==> flow/design.v <==
module u_mul_unit_rtl_add_row #(parameter N = 4) (
    input wire [N-1:0] a,
    input wire sel,
    input wire [N-1:0] pin,
    output wire [N:0] pout
);
    assign pout = pin + (a & {N{sel}});
endmodule
module u_mul_unit_rtl #(
    parameter DWIDTH = 14
) (
    input wire sys_clk,
    input wire [DWIDTH-1:0] u,
    input wire [DWIDTH-1:0] v,
    output reg [2*DWIDTH-1:0] p
);
    wire [DWIDTH:0] node [0:DWIDTH];
    wire [DWIDTH-1:0] lo;
    assign node[0] = 0;
    genvar i;
    generate
        for (i = 0; i < DWIDTH; i = i + 1) begin : slice
            u_mul_unit_rtl_add_row #(.N(DWIDTH)) i_sub (.a(u), .sel(v[i]), .pin(node[i][DWIDTH:1]), .pout(node[i+1]));
            assign lo[i] = node[i+1][0];
        end
    endgenerate
    always @(posedge sys_clk) begin
        p <= {node[DWIDTH][DWIDTH:1], lo};
    end
endmodule
# --- Tool chain data of u_mul_unit_rtl ---
# Tool output for the design above, in the order of the flow.
# Line numbers count from 1 in the design file above.
# Library cell names are shortened.
inputs:
  design: "u_mul_unit_rtl"
  clk_port: "sys_clk"
  cell_library: "sky130hd"
  corner: "tt_025C_1v80"

# --- After elaboration ---
# Yosys after proc, flatten, opt, wreduce and memory -nomap, before mapping. Enables and synchronous resets that opt folds into registers are not counted as muxes. Memory bits, and registers merged into a memory's read port (data or address), are not among the register bits. Print and check cells are not counted. Equal cells are merged and count once.
bits:
  ff_bits: 28
  latch_bits: 0
  mem_bits_rw: 0
  rom_bits: 0
  clocked_rd_ports_x_width: 0
  n_memories: 0
  input_bits: 29
classes:
  add_sub_neg: 13
  multipliers: 0
  n_div: 0
  compare: 0
  equal: 0
  shift: 0
  n_mux: 0
  logic: 14
  reduce_logical: 0
ops:
  columns: ["cell", "n"]
  rows:
  - ["14-bit bitwise AND", 14]
  - ["14-bit by 15-bit adder with 15-bit output", 12]
  - ["13-bit by 15-bit adder with 15-bit output", 1]

# --- Logic depth ---
# Yosys ltp: most cells in a row. Word level: on the elaborated netlist, between registers, memories and ports. Mapped: between sequential cells and ports; inverters and the memories' decode and read muxes count.
depth:
  ltp_word: 14
  abc_area: 0
  mapped_depth: 77
  depth_no_buf: 75

# --- Synthesis result ---
# Source: synth_stat.txt of the flow (Yosys; design flattened, memories mapped). It holds for the ABC_AREA given above (unset counts as 0); a run with the other value may have another netlist.
by_type:
  columns: ["type", "n", "type_area_um2"]
  rows:
  - ["ha_1", 181, 2.26E+03]
  - ["and2_1", 187, 1.17E+03]
  - ["xnor2_1", 90, 788.256]
  - ["dfxtp_1", 28, 560.538]
  - ["a21oi_1", 105, 525.504]
  - ["a21o_1", 66, 495.475]
  - ["o21ai_0", 71, 355.341]
  - ["nor2_1", 94, 352.838]
  - ["xor2_1", 37, 324.061]
  - ["fa_1", 13, 260.25]
  - ["o21a_1", 33, 247.738]
  - ["inv_1", 57, 213.955]
  - ["nand2_1", 50, 187.68]
  - ["a211oi_1", 24, 180.173]
  - ["a31oi_1", 27, 168.912]
  - ["nor2b_1", 26, 162.656]
  - ["nor3_1", 28, 140.134]
  - ["clkbuf_1", 35, 131.376]
# Other cell types: 31; their cells: 156.
mapped:
  stdcells: 1308
  yosys_area_mm2: 0.0097006
  seq_area_mm2: 0.0005605
  ffs: 28
  buf_cells: 35
# By module: a second synthesis without flattening, with its own total; a netlist apart from the flattened one above.
hier_totals:
  cells_unflattened: 1583
  area_unflattened_mm2: 0.0111795
# Each row is one instance without its submodules.
modules:
  columns: ["module", "n_inst", "cells", "area_mm2"]
  rows:
  - ["u_mul_unit_rtl_add_row #(N=14)", 14, 111, 0.0007582]
  - ["u_mul_unit_rtl", 1, 29, 0.0005643]

# --- Timing after synthesis ---
# OpenSTA on the mapped netlist: ideal clock, no wires. The path of least setup slack (recovery checks aside). Input and output delay are each 20% of the period. Register names are those of the netlist, which keeps one name where synthesis merged equal registers.
synth_timing:
  path_kind: "input to register"
  start: "in v[1]"
  end: "reg p[25]"
  clock_period_ns: 21.5
  input_delay_ns: 4.300
  setup_ns: 0.120
  launch_ns: 4.300
  arrival_time_ns: 17.935
  required_ns: 21.380
  slack_ns: 3.445
  delay_ns: 13.755
  stages: 74
  n_path_buf: 2
  synth_period_reached_ns: 18.055
# "delay_ns" = arrival - input delay + setup time.
# "stages" counts driving pins, that of a launching flip-flop among them; a cell with two outputs on the path counts twice.
# "synth_period_reached_ns" is the clock period less the worst setup slack; recovery checks do not enter. This is arithmetic on one report: input and output delays are still those of the set period (20% each).
# The rows between start and end are the longest chain of elaborated cells between them; the timing report does not say that the signal goes this way. Where chains are equally long, one stands for them.
# A line is the first line of the expression or statement that the cell stems from. Yosys adds cells for indexed reads and writes and turns some case tables into memories.
synth_between:
  path_cell_list: "clkbuf_1 -> and2_1 -> ha_1 -> fa_1 -> a21o_1 -> a21oi_1 -> xnor2_1 -> ha_1 -> a21o_1 -> a21o_1 -> a31o_2 -> a221o_1 -> a21oi_1 -> xnor2_1 -> ha_1 -> nand2_1 -> nor2_1 -> a211oi_1 -> [... 38 more ...] -> nor2_1 -> a211o_1 -> xor2_1 -> ha_1 -> nand3_1 -> nor2_1 -> a211oi_1 -> o31a_1 -> xnor2_1 -> ha_1 -> nand4_1 -> o31a_1 -> xnor2_1 -> ha_1 -> and3_1 -> a221oi_2 -> o21ai_0 -> xnor2_1"
  elab_chain_len: 14
  cells_between: 14
  lines_between: 1
  cone_classes: "add/sub (13); logic (1)"
synth_lines:
  columns: ["item", "line_no", "text"]
  rows:
  - ["from (decl)", 14, "input wire [DWIDTH-1:0] v,"]
  - ["14-bit bitwise AND", 7, "assign pout = pin + (a & {N{sel}});"]
  - ["13-bit by 15-bit adder with 15-bit output", 7, null]
  - ["14-bit by 15-bit adder with 15-bit output (12 in a row)", 7, null]
  - ["to (assign)", 28, "p <= {node[DWIDTH][DWIDTH:1], lo};"]
  - ["to (decl)", 15, "output reg [2*DWIDTH-1:0] p"]

# --- Timing after layout ---
# Path of least setup slack in the final report of job 2 (OpenROAD, finished layout, wires in). Where an end is a register, its clock arrival counts in the times.
layout_timing:
  path_kind: "input to register"
  start: "in v[1]"
  end: "reg p[25]"
  clock_period_ns: 21.5
  input_delay_ns: 4.30
  setup_ns: 0.10
  launch_ns: 4.30
  arrival_time_ns: 20.26
  required_ns: 21.67
  slack_ns: 1.41
  stages: 72
  n_path_buf: 1
# The rows between start and end are the longest chain of elaborated cells between them; the timing report does not say that the signal goes this way. Where chains are equally long, one stands for them.
layout_between:
  path_cell_list: "clkdlybuf4s50_1 -> and2_1 -> ha_1 -> fa_1 -> a21o_1 -> a21oi_1 -> xnor2_1 -> ha_1 -> a21o_1 -> a21o_1 -> a31o_2 -> a221o_1 -> a21oi_1 -> xnor2_1 -> ha_1 -> nand2_1 -> nor2_1 -> a211oi_1 -> [... 36 more ...] -> nor2_1 -> a211o_1 -> xor2_1 -> ha_1 -> nand3_1 -> nor2_1 -> a211oi_1 -> o31a_1 -> xnor2_1 -> ha_1 -> nand4_1 -> o31a_1 -> xnor2_1 -> ha_1 -> and3_1 -> a221oi_2 -> o21ai_0 -> xnor2_1"
  elab_chain_len: 14
  cells_between: 14
  lines_between: 1
  cone_classes: "add/sub (13); logic (1)"
layout_lines:
  columns: ["item", "line_no", "text"]
  rows:
  - ["from (decl)", 14, "input wire [DWIDTH-1:0] v,"]
  - ["14-bit bitwise AND", 7, "assign pout = pin + (a & {N{sel}});"]
  - ["13-bit by 15-bit adder with 15-bit output", 7, null]
  - ["14-bit by 15-bit adder with 15-bit output (12 in a row)", 7, null]
  - ["to (assign)", 28, "p <= {node[DWIDTH][DWIDTH:1], lo};"]
  - ["to (decl)", 15, "output reg [2*DWIDTH-1:0] p"]

# Module u_mul_unit_rtl, platform sky130hd: 3 stored runs of the flow (Yosys, OpenROAD) with differing settings, in no particular order. Input and output delays are each 20% of the period that was set; the output load is 0.01 pF.
# "period_reached_ns" means the clock period less the worst setup slack. The figure is calculated, with input and output delays left at 20% of the set period.
# "worst_setup_path_time_ns" = time allowed to the worst setup path (clock period - input delay - output delay, where it has them) - its slack; a late launch clock adds to it, a late capture clock takes from it.
runs:
  - name: "job 1"
    settings:
      period_ns: 15.1
      CORE_UTILIZATION: 54
      PLACE_DENSITY: 0.59
      CORE_ASPECT_RATIO: 0.53
      CELL_PAD_IN_SITES_GLOBAL_PLACEMENT: 3
      CELL_PAD_IN_SITES_DETAIL_PLACEMENT: 0
      TNS_END_PERCENT: 35
      GPL_ROUTABILITY_DRIVEN: 1
      CTS_CLUSTER_DIAMETER: 125
      CAP_MARGIN: 0
      CORE_MARGIN: 2
      SLEW_MARGIN: 20
    outcome: "incomplete, placement halted on GPL-0301"
  - name: "job 2"
    settings:
      period_ns: 21.5
      CAP_MARGIN: 20
      CORE_MARGIN: 2
      CORE_UTILIZATION: 40
      SLEW_MARGIN: 20
    results:
      synthArea_mm2: 0.0097006
      dieArea_mm2: 0.0255137
      finish.stdcell_area_mm2: 0.0106565
      finalUtil_pct: 45.1
      setup_worst_slack_ns: 1.410
      fin_tns_ns: 0.000
      final_hold_ws_ns: 4.694
      period_reached_ns: 20.090
      worst_setup_path_time_ns: 15.79
      worstPathKind: "input to register"
  - name: "job 3"
    settings:
      period_ns: 18.8
      CORE_UTILIZATION: 63
      PLACE_DENSITY: 0.88
      HOLD_SLACK_MARGIN: 0.23
      CELL_PAD_IN_SITES_GLOBAL_PLACEMENT: 3
      TNS_END_PERCENT: 15
      GPL_ROUTABILITY_DRIVEN: 1
      CTS_CLUSTER_SIZE: 72
      CTS_CLUSTER_DIAMETER: 223
      SLEW_MARGIN: 0
      MIN_ROUTING_LAYER: "met1"
      CAP_MARGIN: 20
      CORE_MARGIN: 2
    outcome: "incomplete, placement halted on GPL-0301"
